==> flow/design.v <==
module sync_mag_cmp_n #(
    parameter DATA_WIDTH = 40
) (
    input  sys_clk,
    input  [DATA_WIDTH-1:0] A,
    input  [DATA_WIDTH-1:0] B,
    output gt,
    output eq
);
    reg [DATA_WIDTH-1:0] A_reg;
    always @(posedge sys_clk)
        A_reg <= A;
    reg [DATA_WIDTH-1:0] B_reg;
    always @(posedge sys_clk)
        B_reg <= B;
    localparam GROUPS = DATA_WIDTH / 4;
    wire [GROUPS:0] g;
    wire [GROUPS:0] e;
    assign g[0] = 1'b0;
    assign e[0] = 1'b1;
    genvar i;
    generate
        for (i = 0; i < GROUPS; i = i + 1) begin : row
            sync_mag_cmp_n_nib_cmp i_sub (.a(A_reg[4*i +: 4]), .b(B_reg[4*i +: 4]), .gi(g[i]), .ei(e[i]), .go(g[i+1]), .eo(e[i+1]));
        end
    endgenerate
    assign gt = g[GROUPS];
    assign eq = e[GROUPS];
endmodule
module sync_mag_cmp_n_nib_cmp (
    input wire [3:0] a,
    input wire [3:0] b,
    input wire gi,
    input wire ei,
    output wire go,
    output wire eo
);
    assign go = (a > b) | ((a == b) & gi);
    assign eo = (a == b) & ei;
endmodule
* Tool chain data of sync_mag_cmp_n
Tool output for the design above, in the order of the flow.
Lines are those of the file above, counted from 1.
The mark - stands for no value.
- Top :: sync_mag_cmp_n
- Clock :: sys_clk
- Cell library :: sky130hd
- Timing corner :: tt_025C_1v80

* Elaborated design
Yosys after proc, flatten, opt, wreduce and memory -nomap, before mapping. Enables and synchronous resets that opt folds into registers are not counted as muxes. Memory bits, and registers merged into a memory's read port (data or address), are not among the register bits. Print and check cells are not counted. Equal cells are merged and count once.
- Order comparisons :: 10
- Equality and inequality tests :: 10
- Bitwise operators :: 27
** Operators with widths (count)
- > comparator 4 bit :: 10
- == test 4 bit :: 10
- bitwise AND 1 bit :: 18
- bitwise OR 1 bit :: 9
- Bits in registers :: 80
- Bits of input ports :: 81
- Output and inout bits :: 2
- Cells after elaboration :: 49

* Longest topological paths
Longest topological path by Yosys (ltp), each cell counted once; first at word level (registers and memories cut), then after technology mapping (sequential cells cut; the memories' decode and read muxes count).
- Depth after elaboration :: 19
- ABC_AREA :: 0
- Mapped depth :: 7

* After synthesis
Source: synth_stat.txt of the flow (Yosys; design flattened, memories mapped). It holds for the ABC_AREA given above (unset counts as 0); a run with the other value may have another netlist.
The area totals of this step are shown rounded.
** Cell types
- sky130_fd_sc_hd__dfxtp_1 :: count 80, area in all 1.6E+03 µm²
- sky130_fd_sc_hd__ha_1 :: count 40, area in all 500.48 µm²
- sky130_fd_sc_hd__inv_1 :: count 42, area in all 157.651 µm²
- sky130_fd_sc_hd__a21oi_1 :: count 11, area in all 55.053 µm²
- sky130_fd_sc_hd__nand4_1 :: count 8, area in all 50.048 µm²
- sky130_fd_sc_hd__o21ai_0 :: count 8, area in all 40.038 µm²
- sky130_fd_sc_hd__nor2b_1 :: count 5, area in all 31.28 µm²
- sky130_fd_sc_hd__o211ai_1 :: count 4, area in all 30.029 µm²
- sky130_fd_sc_hd__a211oi_1 :: count 3, area in all 22.522 µm²
- sky130_fd_sc_hd__nand3_1 :: count 4, area in all 20.019 µm²
- sky130_fd_sc_hd__nand2b_1 :: count 3, area in all 18.768 µm²
- sky130_fd_sc_hd__a2111oi_2 :: count 1, area in all 15.014 µm²
- sky130_fd_sc_hd__a31oi_1 :: count 2, area in all 12.512 µm²
- sky130_fd_sc_hd__nor4_2 :: count 1, area in all 12.512 µm²
- sky130_fd_sc_hd__a21boi_2 :: count 1, area in all 11.261 µm²
- sky130_fd_sc_hd__nand2_1 :: count 3, area in all 11.261 µm²
- sky130_fd_sc_hd__or3_4 :: count 1, area in all 11.261 µm²
- sky130_fd_sc_hd__nor3_1 :: count 2, area in all 10.01 µm²
Not listed: further types 8, cells in them 8.
- Mapped cells :: 227
- Synthesis area :: 2670 µm²
- Mapped flip-flops :: 80
- Buffer cells :: 0
By module: a second synthesis without flattening, with its own total; a netlist apart from the flattened one above.
- Cell total of the unflattened synthesis :: 242
- Area (unflattened synthesis) :: 2685 µm²
Each row is one instance without its submodules.
** By module
- sync_mag_cmp_n :: times used 1, cells 82, area 1609 µm², seq. area 1602 µm²
- sync_mag_cmp_n_nib_cmp :: times used 10, cells 16, area 107.6 µm², seq. area 0.0 µm²

* Worst setup path after synthesis
OpenSTA on the mapped netlist: ideal clock, no wires. The path of least setup slack (recovery checks aside). Input and output delay are each 20% of the period. Register names are those of the netlist, which keeps one name where synthesis merged equal registers.
- Kind :: register to output
- Start point :: reg B_reg[27]
- End point :: out eq
- Clock period :: 2.52 ns
- External output delay :: 0.504 ns
- Time at the first pin :: 0.000 ns
- Arrival :: 1.613 ns
- Required time :: 2.016 ns
- Setup slack :: 0.403 ns
- Delay of the path :: 1.613 ns
- Stages :: 6
- Buffers on the path :: 0
- Synthesis period reached :: 2.117 ns
"delay of the path" = arrival - input delay + setup time.
A path that ends at an output port has no setup time.
"stages" counts driving pins, that of a launching flip-flop among them; a cell with two outputs on the path counts twice.
"synthesis period reached" = period - worst setup slack (recovery checks aside). The figure is calculated, with input and output delays left at 20% of the set period.
Between the ends stands the longest chain of elaborated cells between them, by number of cells; it is not shown to be the way that was timed. Of several equally long chains one is given.
A line is the first line of the expression or statement that the cell stems from. Yosys adds cells for indexed reads and writes and turns some case tables into memories.
- Cell sequence :: sky130_fd_sc_hd__dfxtp_1 -> sky130_fd_sc_hd__inv_1 -> sky130_fd_sc_hd__ha_1 -> sky130_fd_sc_hd__nand4_1 -> sky130_fd_sc_hd__or4_1 -> sky130_fd_sc_hd__nor4_2
- Length of the longest elaborated chain :: 5
** Ends and longest elaborated chain, post-synthesis
- from (decl) :: line 13 : reg [DATA_WIDTH-1:0] B_reg;
- from (assign) :: line 15 : B_reg <= B;
- == test 4 bit :: line 39 : assign eo = (a == b) & ei;
- bitwise AND 1 bit x4 :: line 39
- to (decl) :: line 8 : output eq

* Worst path after layout
From the final timing report of stored run 1: the path of least setup slack in the routed layout; clock arrival at registers is part of the times.
- Kind :: register to output
- Start point :: reg B_reg[2]
- End point :: out eq
- Clock period :: 2.52 ns
- External output delay :: 0.50 ns
- Time at the first pin :: 0.33 ns
- Arrival :: 2.08 ns
- Required time :: 2.02 ns
- Setup slack :: -0.07 ns
- Stages :: 7
- Buffers on the path :: 1
Between the ends stands the longest chain of elaborated cells between them, by number of cells; it is not shown to be the way that was timed. Of several equally long chains one is given.
- Cell sequence :: sky130_fd_sc_hd__dfxtp_2 -> sky130_fd_sc_hd__inv_2 -> sky130_fd_sc_hd__ha_4 -> sky130_fd_sc_hd__nand4_1 -> sky130_fd_sc_hd__or4_4 -> sky130_fd_sc_hd__nor4_4 -> sky130_fd_sc_hd__buf_2
- Length of the longest elaborated chain :: 10
** Ends and longest elaborated chain, after layout
- from (decl) :: line 13 : reg [DATA_WIDTH-1:0] B_reg;
- from (assign) :: line 15 : B_reg <= B;
- == test 4 bit :: line 39 : assign eo = (a == b) & ei;
- bitwise AND 1 bit x9 :: line 39
- to (decl) :: line 8 : output eq

# Flow runs of sync_mag_cmp_n

Measured results for sync_mag_cmp_n: 3 stored runs of the Yosys and OpenROAD flow on sky130hd. The settings differ; the order carries no meaning. The constraints put input and output delay at 20% of the set period each and load the outputs with 0.01 pF.
"period achieved" = clock period - worst setup slack. The figure is calculated, with input and output delays left at 20% of the set period.
"time used up by the worst setup path" is the time allowed to the run's worst setup path (the clock period less input and output delay, where it has them) less its slack. Clock arrival times count: a late capture clock shortens it, a late launch clock lengthens it.
"total power of the final layout" is the tool's figure for a default switching activity; nothing was simulated.
Values from the reports are rounded here.

* Stored run 1
** Files
==> flow/run.sh <==
#!/bin/bash
# the make line also repeats the synthesis and layout settings of config.mk as NAME=value (left out here)
make -C /OpenROAD-flow-scripts/flow DESIGN_CONFIG=/design/flow/config.mk WORK_HOME=/design/flow/orfs CLKGATE_MAP_FILE= finish
==> flow/config.mk <==
export PLATFORM = sky130hd
export DESIGN_NAME = sync_mag_cmp_n
export DESIGN_NICKNAME = sync_mag_cmp_n
export VERILOG_FILES = /design/flow/design.v
export SDC_FILE = /design/flow/constraint.sdc
export NUM_CORES = 4
export LEC_CHECK = 0
export CAP_MARGIN = 20
export CORE_MARGIN = 2
export CORE_UTILIZATION = 40
export SLEW_MARGIN = 20
==> flow/constraint.sdc <==
create_clock -name core_clock -period 2.52 [get_ports {sys_clk}]
set_input_delay 0.5040 -clock core_clock [delete_from_list [all_inputs] [get_ports {sys_clk}]]
set_output_delay 0.5040 -clock core_clock [all_outputs]
set_load 0.01 [all_outputs]
** Results
- Worst hold slack :: 0.590 ns
- Standard-cell area of the final layout :: 4163 µm²
- Die area :: 7344 µm²
- Period achieved :: 2.589 ns
- Worst setup slack after layout :: -0.069 ns
- Total negative setup slack :: -0.069 ns
- Final utilization :: 65.2 %
- Area of the synthesized netlist :: 2670 µm²
- Total power of the final layout :: 2693 uW
- Time used up by the worst setup path :: 2.08 ns
- Worst setup path kind :: register to output

* Stored run 2
** Files
==> flow/run.sh <==
#!/bin/bash
# the make line also repeats the synthesis and layout settings of config.mk as NAME=value (left out here)
make -C /OpenROAD-flow-scripts/flow DESIGN_CONFIG=/design/flow/config.mk WORK_HOME=/design/flow/orfs CLKGATE_MAP_FILE= finish
==> flow/config.mk <==
export PLATFORM = sky130hd
export DESIGN_NAME = sync_mag_cmp_n
export DESIGN_NICKNAME = sync_mag_cmp_n
export VERILOG_FILES = /design/flow/design.v
export SDC_FILE = /design/flow/constraint.sdc
export NUM_CORES = 4
export LEC_CHECK = 0
export CAP_MARGIN = 20
export CELL_PAD_IN_SITES_GLOBAL_PLACEMENT = 2
export CORE_MARGIN = 6
export CORE_UTILIZATION = 49
export CTS_CLUSTER_DIAMETER = 178
export CTS_CLUSTER_SIZE = 36
export GPL_ROUTABILITY_DRIVEN = 0
export MIN_ROUTING_LAYER = met2
export PLACE_DENSITY_LB_ADDON = 0.25
export SETUP_SLACK_MARGIN = -0.1
export SLEW_MARGIN = 20
export TNS_END_PERCENT = 55
==> flow/constraint.sdc <==
create_clock -name core_clock -period 1.24 [get_ports {sys_clk}]
set_input_delay 0.2480 -clock core_clock [delete_from_list [all_inputs] [get_ports {sys_clk}]]
set_output_delay 0.2480 -clock core_clock [all_outputs]
set_load 0.01 [all_outputs]
** Results
Not finished: placement ended with error FLW-0024.

* Stored run 3
** Files
==> flow/run.sh <==
#!/bin/bash
# the make line also repeats the synthesis and layout settings of config.mk as NAME=value (left out here)
make -C /OpenROAD-flow-scripts/flow DESIGN_CONFIG=/design/flow/config.mk WORK_HOME=/design/flow/orfs CLKGATE_MAP_FILE= finish
==> flow/config.mk <==
export PLATFORM = sky130hd
export DESIGN_NAME = sync_mag_cmp_n
export DESIGN_NICKNAME = sync_mag_cmp_n
export VERILOG_FILES = /design/flow/design.v
export SDC_FILE = /design/flow/constraint.sdc
export NUM_CORES = 4
export LEC_CHECK = 0
export CAP_MARGIN = 20
export CELL_PAD_IN_SITES_DETAIL_PLACEMENT = 0
export CELL_PAD_IN_SITES_GLOBAL_PLACEMENT = 2
export CORE_MARGIN = 2
export CORE_UTILIZATION = 20
export CTS_CLUSTER_SIZE = 24
export MAX_ROUTING_LAYER = met4
export MIN_ROUTING_LAYER = met2
export PLACE_DENSITY_LB_ADDON = 0.14
export SETUP_SLACK_MARGIN = -0.08
export SLEW_MARGIN = 40
export TNS_END_PERCENT = 35
==> flow/constraint.sdc <==
create_clock -name core_clock -period 1.47 [get_ports {sys_clk}]
set_input_delay 0.2940 -clock core_clock [delete_from_list [all_inputs] [get_ports {sys_clk}]]
set_output_delay 0.2940 -clock core_clock [all_outputs]
set_load 0.01 [all_outputs]
** Results
- Worst hold slack :: 0.390 ns
- Standard-cell area of the final layout :: 4323 µm²
- Die area :: 14290 µm²
- Period achieved :: 2.369 ns
- Worst setup slack after layout :: -0.899 ns
- Total negative setup slack :: -1.772 ns
- Final utilization :: 32.9 %
- Area of the synthesized netlist :: 2670 µm²
- Total power of the final layout :: 5006 uW
- Time used up by the worst setup path :: 2.07 ns
- Worst setup path kind :: register to output
